==> flow/design.v <==
module gen_mag_cmp #(
    parameter int DATA_W = 32,
    parameter int COUNT = 7
) (
    input logic clk,
    input logic aresetn,
    input logic [COUNT*DATA_W-1:0] src,
    output logic [DATA_W-1:0] hi
);
    logic [COUNT*DATA_W-1:0] src_ff;
    always_ff @(posedge clk or negedge aresetn) begin
        if (!aresetn) begin
            src_ff <= '0;
        end else begin
            src_ff <= src;
        end
    end
    wire [DATA_W-1:0] tree [1:2*COUNT-1];
    for (genvar g = 0; g < COUNT; g++) begin : g_bit
        assign tree[COUNT+g] = src_ff[g*DATA_W +: DATA_W];
    end
    for (genvar g = 1; g < COUNT; g++) begin : u_g
        assign tree[g] = (tree[2*g] > tree[2*g+1]) ? tree[2*g] : tree[2*g+1];
    end
    logic [DATA_W-1:0] hi_ff;
    always_ff @(posedge clk or negedge aresetn) begin
        if (!aresetn) begin
            hi_ff <= '0;
        end else begin
            hi_ff <= tree[1];
        end
    end
    assign hi = hi_ff;
endmodule
-- Tool chain data of gen_mag_cmp
Tool output for the design above, in the order of the flow.
Lines are those of the file above, counted from 1.
The mark n/a stands for no value.
- design top: gen_mag_cmp
- clock: clk
- cell library: sky130hd
- library corner: tt_025C_1v80

-- Word level
Source: Yosys, flattened and elaborated. Widths are those after wreduce; folded enables and synchronous resets count as part of the registers. Registers that Yosys merges into a memory's read port (data or address) are not register bits. Print and check cells do not count. Equal cells are merged and count once.
- output and inout port bits: 32
- elaborated cells at 14
- bits in registers: 256
- bits of input ports at 226
- multiplexer cells at 6
- noted order comparisons: 6
- operators with widths (cell ; number):
    > comparator 32 bit ; 6
    2-to-1 mux 32 bit ; 6

-- Depth
Longest topological path by Yosys (ltp), each cell counted once; first at word level (registers and memories cut), then after technology mapping (sequential cells cut; the memories' decode and read muxes count).
- word-level depth at 6
- ABC_AREA at 1
- noted gate-level depth with buffers: 48
- noted mapped depth without buffers: 45

-- Mapped cells and area
Yosys stat after the flow's synthesis: flattened, memories mapped to cells. It holds for the ABC_AREA given above (unset counts as 0); a run with the other value may have another netlist.
The area totals of this step are shown rounded.
- buffers at 45
- area of sequential cells: 6410 um2
- cell area after synthesis at 14200 um2
- cells in the netlist: 1651
- flip-flops: 256
- cell types (cell ; number ; area in all (um2)):
    sky130_fd_sc_hd__dfrtp_1 ; 256 ; 6.41E+03
    sky130_fd_sc_hd__ha_1 ; 192 ; 2.4E+03
    sky130_fd_sc_hd__nand2_1 ; 436 ; 1636.57
    sky130_fd_sc_hd__nand3_1 ; 268 ; 1.34E+03
    sky130_fd_sc_hd__inv_1 ; 167 ; 626.851
    sky130_fd_sc_hd__a21oi_1 ; 85 ; 425.408
    sky130_fd_sc_hd__and2_1 ; 64 ; 400.384
    sky130_fd_sc_hd__nor2_1 ; 62 ; 232.723
    sky130_fd_sc_hd__buf_2 ; 29 ; 145.139
    sky130_fd_sc_hd__o21ai_0 ; 19 ; 95.091
    sky130_fd_sc_hd__nand4_1 ; 14 ; 87.584
    sky130_fd_sc_hd__buf_6 ; 6 ; 67.565
    sky130_fd_sc_hd__o21a_1 ; 9 ; 67.565
    sky130_fd_sc_hd__nand2_2 ; 8 ; 50.048
    sky130_fd_sc_hd__a21oi_4 ; 2 ; 32.531
    sky130_fd_sc_hd__a21o_1 ; 4 ; 30.029
    sky130_fd_sc_hd__clkbuf_1 ; 7 ; 26.275
    sky130_fd_sc_hd__nor3_1 ; 5 ; 25.024
Other cell types: 13; their cells: 18.

-- Worst setup path after synthesis
Source: OpenSTA report_checks on the synthesized netlist (no wires, ideal clock, input and output delay 20% of the period each), path of least setup slack; recovery checks are left aside. Register names are those of the netlist, which keeps one name where synthesis merged equal registers.
- path type: reg2reg
- start: register src_ff[119]
- end: register hi_ff[10]
- delay of the path: 4486 ps
- arrival at 4421 ps
- period: 8340 ps
- noted data required time: 8275 ps
- buffers on the path at 3
- setup time at 65 ps
- setup slack: 3854 ps
- noted launch time at the first pin: 0 ps
- driving pins on the path: 35
- synthesis period reached at 4486 ps
"delay of the path" is the arrival time less input delay plus setup time.
"driving pins on the path" counts driving pins, that of a launching flip-flop among them; a cell with two outputs on the path counts twice.
"synthesis period reached" is the clock period less the worst setup slack; recovery checks do not enter. This is arithmetic on one report: input and output delays are still those of the set period (20% each).
Between the ends stands the longest chain of elaborated cells between them, by number of cells; it is not shown to be the way that was timed. Of several equally long chains one is given.
Each line given opens the expression or statement behind the cell; cells for indexed reads and writes are added by Yosys, which also makes memories of some case tables.
- cells stage by stage: sky130_fd_sc_hd__dfrtp_1 sky130_fd_sc_hd__ha_1 sky130_fd_sc_hd__nand2_1 sky130_fd_sc_hd__nor2_1 sky130_fd_sc_hd__nand4_1 sky130_fd_sc_hd__nor2_2 sky130_fd_sc_hd__nand4_2 sky130_fd_sc_hd__nand2_2 sky130_fd_sc_hd__buf_4 sky130_fd_sc_hd__nand2_1 sky130_fd_sc_hd__and2_1 sky130_fd_sc_hd__ha_1 sky130_fd_sc_hd__nand2_1 sky130_fd_sc_hd__nor2_1 sky130_fd_sc_hd__nand2_1 sky130_fd_sc_hd__nor2_1 sky130_fd_sc_hd__nand2_1 sky130_fd_sc_hd__clkinv_1 sky130_fd_sc_hd__nand2_2 sky130_fd_sc_hd__a21oi_4 sky130_fd_sc_hd__buf_6 sky130_fd_sc_hd__nand3_1 sky130_fd_sc_hd__and2_1 sky130_fd_sc_hd__ha_1 sky130_fd_sc_hd__nand2_1 sky130_fd_sc_hd__nor2_1 sky130_fd_sc_hd__nand4_1 sky130_fd_sc_hd__nor2_1 sky130_fd_sc_hd__nand3_1 sky130_fd_sc_hd__nand3_1 sky130_fd_sc_hd__nand2_2 sky130_fd_sc_hd__inv_2 sky130_fd_sc_hd__buf_2 sky130_fd_sc_hd__nand3_1 sky130_fd_sc_hd__nand2_1
- noted cells in the longest elaborated chain: 6
- elaborated cells on any way between the ends at 6
- RTL lines with such cells: 1
- classes of those cells: compare: 3; mux: 3
- ends and longest elaborated chain, after synthesis (element ; line ; RTL):
    from (decl) ; 10 ; logic [COUNT*DATA_W-1:0] src_ff;
    from (assign) ; 13 ; src_ff <= '0;
    from (assign) ; 15 ; src_ff <= src;
    > comparator 32 bit ; 23 ; assign tree[g] = (tree[2*g] > tree[2*g+1]) ? tree[2*g] : tree[2*g+1];
    2-to-1 mux 32 bit ; 23 ;
    > comparator 32 bit ; 23 ;
    2-to-1 mux 32 bit ; 23 ;
    > comparator 32 bit ; 23 ;
    2-to-1 mux 32 bit ; 23 ;
    to (assign) ; 28 ; hi_ff <= '0;
    to (assign) ; 30 ; hi_ff <= tree[1];
    to (decl) ; 25 ; logic [DATA_W-1:0] hi_ff;

-- Timing after layout
From the final timing report of record 1: the path of least setup slack in the routed layout; clock arrival at registers is part of the times.
The path's times are printed in steps of 10 ps; the period is the one set.
- path type: reg2reg
- start: register src_ff[151]
- end: register hi_ff[6]
- buffers on the path at 0
- noted data required time: 10440 ps
- period: 9910 ps
- setup time at 60 ps
- driving pins on the path: 34
- arrival at 8250 ps
- noted launch time at the first pin: 580 ps
- setup slack: 2190 ps
Between the ends stands the longest chain of elaborated cells between them, by number of cells; it is not shown to be the way that was timed. Of several equally long chains one is given.
- cells stage by stage: sky130_fd_sc_hd__dfrtp_1 sky130_fd_sc_hd__inv_1 sky130_fd_sc_hd__ha_1 sky130_fd_sc_hd__nand2_1 sky130_fd_sc_hd__nor2_1 sky130_fd_sc_hd__nor2_1 sky130_fd_sc_hd__nand3_1 sky130_fd_sc_hd__a21oi_1 sky130_fd_sc_hd__nand2_2 sky130_fd_sc_hd__nand2_2 sky130_fd_sc_hd__nand2_1 sky130_fd_sc_hd__and2_1 sky130_fd_sc_hd__ha_1 sky130_fd_sc_hd__nand2_1 sky130_fd_sc_hd__nor2_1 sky130_fd_sc_hd__nand2_1 sky130_fd_sc_hd__nor2_1 sky130_fd_sc_hd__nand2_1 sky130_fd_sc_hd__clkinv_1 sky130_fd_sc_hd__nand2_2 sky130_fd_sc_hd__a21oi_4 sky130_fd_sc_hd__nand3_1 sky130_fd_sc_hd__and2_1 sky130_fd_sc_hd__ha_1 sky130_fd_sc_hd__nand2_1 sky130_fd_sc_hd__nor2_1 sky130_fd_sc_hd__nand4_1 sky130_fd_sc_hd__nor2_1 sky130_fd_sc_hd__nand3_1 sky130_fd_sc_hd__nand3_1 sky130_fd_sc_hd__nand2_2 sky130_fd_sc_hd__inv_2 sky130_fd_sc_hd__nand3_1 sky130_fd_sc_hd__nand2_1
- noted cells in the longest elaborated chain: 6
- elaborated cells on any way between the ends at 6
- RTL lines with such cells: 1
- classes of those cells: compare: 3; mux: 3
- ends and longest elaborated chain, post-layout (element ; line ; RTL):
    from (decl) ; 10 ; logic [COUNT*DATA_W-1:0] src_ff;
    from (assign) ; 13 ; src_ff <= '0;
    from (assign) ; 15 ; src_ff <= src;
    > comparator 32 bit ; 23 ; assign tree[g] = (tree[2*g] > tree[2*g+1]) ? tree[2*g] : tree[2*g+1];
    2-to-1 mux 32 bit ; 23 ;
    > comparator 32 bit ; 23 ;
    2-to-1 mux 32 bit ; 23 ;
    > comparator 32 bit ; 23 ;
    2-to-1 mux 32 bit ; 23 ;
    to (assign) ; 28 ; hi_ff <= '0;
    to (assign) ; 30 ; hi_ff <= tree[1];
    to (decl) ; 25 ; logic [DATA_W-1:0] hi_ff;

==> runs of gen_mag_cmp <==
Top module gen_mag_cmp; platform sky130hd; tools Yosys and OpenROAD; 3 stored runs in no particular order. Input and output delays are each 20% of the period that was set; the output load is 0.01 pF.
By "achieved clock period" is meant the clock period of the run minus its worst setup slack. This is arithmetic on one report: input and output delays are still those of the set period (20% each).
"critical setup path time" = time allowed to the worst setup path (clock period - input delay - output delay, where it has them) - its slack; a late launch clock adds to it, a late capture clock takes from it.
"overall power" rests on the timing tool's default activity at the inputs, not on a simulated workload.
"critical setup path time" is known to 10 ps.
The measured numbers are rounded.

Record 1
Settings were period_ns = 9.91; CORE_UTILIZATION = 22; PLACE_DENSITY_LB_ADDON = 0.13; CELL_PAD_IN_SITES_GLOBAL_PLACEMENT = 0; TNS_END_PERCENT = 25; ABC_AREA = 1; GPL_ROUTABILITY_DRIVEN = 1; CTS_CLUSTER_DIAMETER = 362; MAX_ROUTING_LAYER = met5; CAP_MARGIN = 20; CORE_MARGIN = 2; SLEW_MARGIN = 20
- noted the standard-cell area of the final layout: 18,800 um2
- overall die area: 66,700 um2
- overall power at 3,710 µW
- achieved clock period: 7,724 ps
- total negative slack on setup checks at 0 ps
- noted the worst hold slack after layout: 617 ps
- setup slack of the worst path: 2,190 ps
- critical setup path time: 7,720 ps
- worst setup path kind: reg2reg
- synthesis area: 14,200 um2
- noted the utilization in the final report: 0.292

Record 2
Settings were period_ns = 8.34; CAP_MARGIN = 20; CORE_MARGIN = 2; CORE_UTILIZATION = 40; SLEW_MARGIN = 20
- noted the standard-cell area of the final layout: 17,500 um2
- overall die area: 35,100 um2
- overall power at 3,820 µW
- achieved clock period: 7,784 ps
- total negative slack on setup checks at 0 ps
- noted the worst hold slack after layout: 726 ps
- setup slack of the worst path: 556 ps
- critical setup path time: 7,780 ps
- worst setup path kind: reg2reg
- synthesis area: 13,400 um2
- noted the utilization in the final report: 0.527

Record 3
Settings were period_ns = 7.57; CORE_UTILIZATION = 47; SETUP_SLACK_MARGIN = -0.46; CORE_MARGIN = 2; CELL_PAD_IN_SITES_GLOBAL_PLACEMENT = 2; TNS_END_PERCENT = 70; CAP_MARGIN = 25; MAX_ROUTING_LAYER = met4; SLEW_MARGIN = 20
- noted the standard-cell area of the final layout: 17,600 um2
- overall die area: 30,000 um2
- overall power at 4,290 µW
- achieved clock period: 7,578 ps
- total negative slack on setup checks at -10 ps
- noted the worst hold slack after layout: 711 ps
- setup slack of the worst path: -8 ps
- critical setup path time: 7,580 ps
- worst setup path kind: reg2reg
- synthesis area: 13,400 um2
- noted the utilization in the final report: 0.629
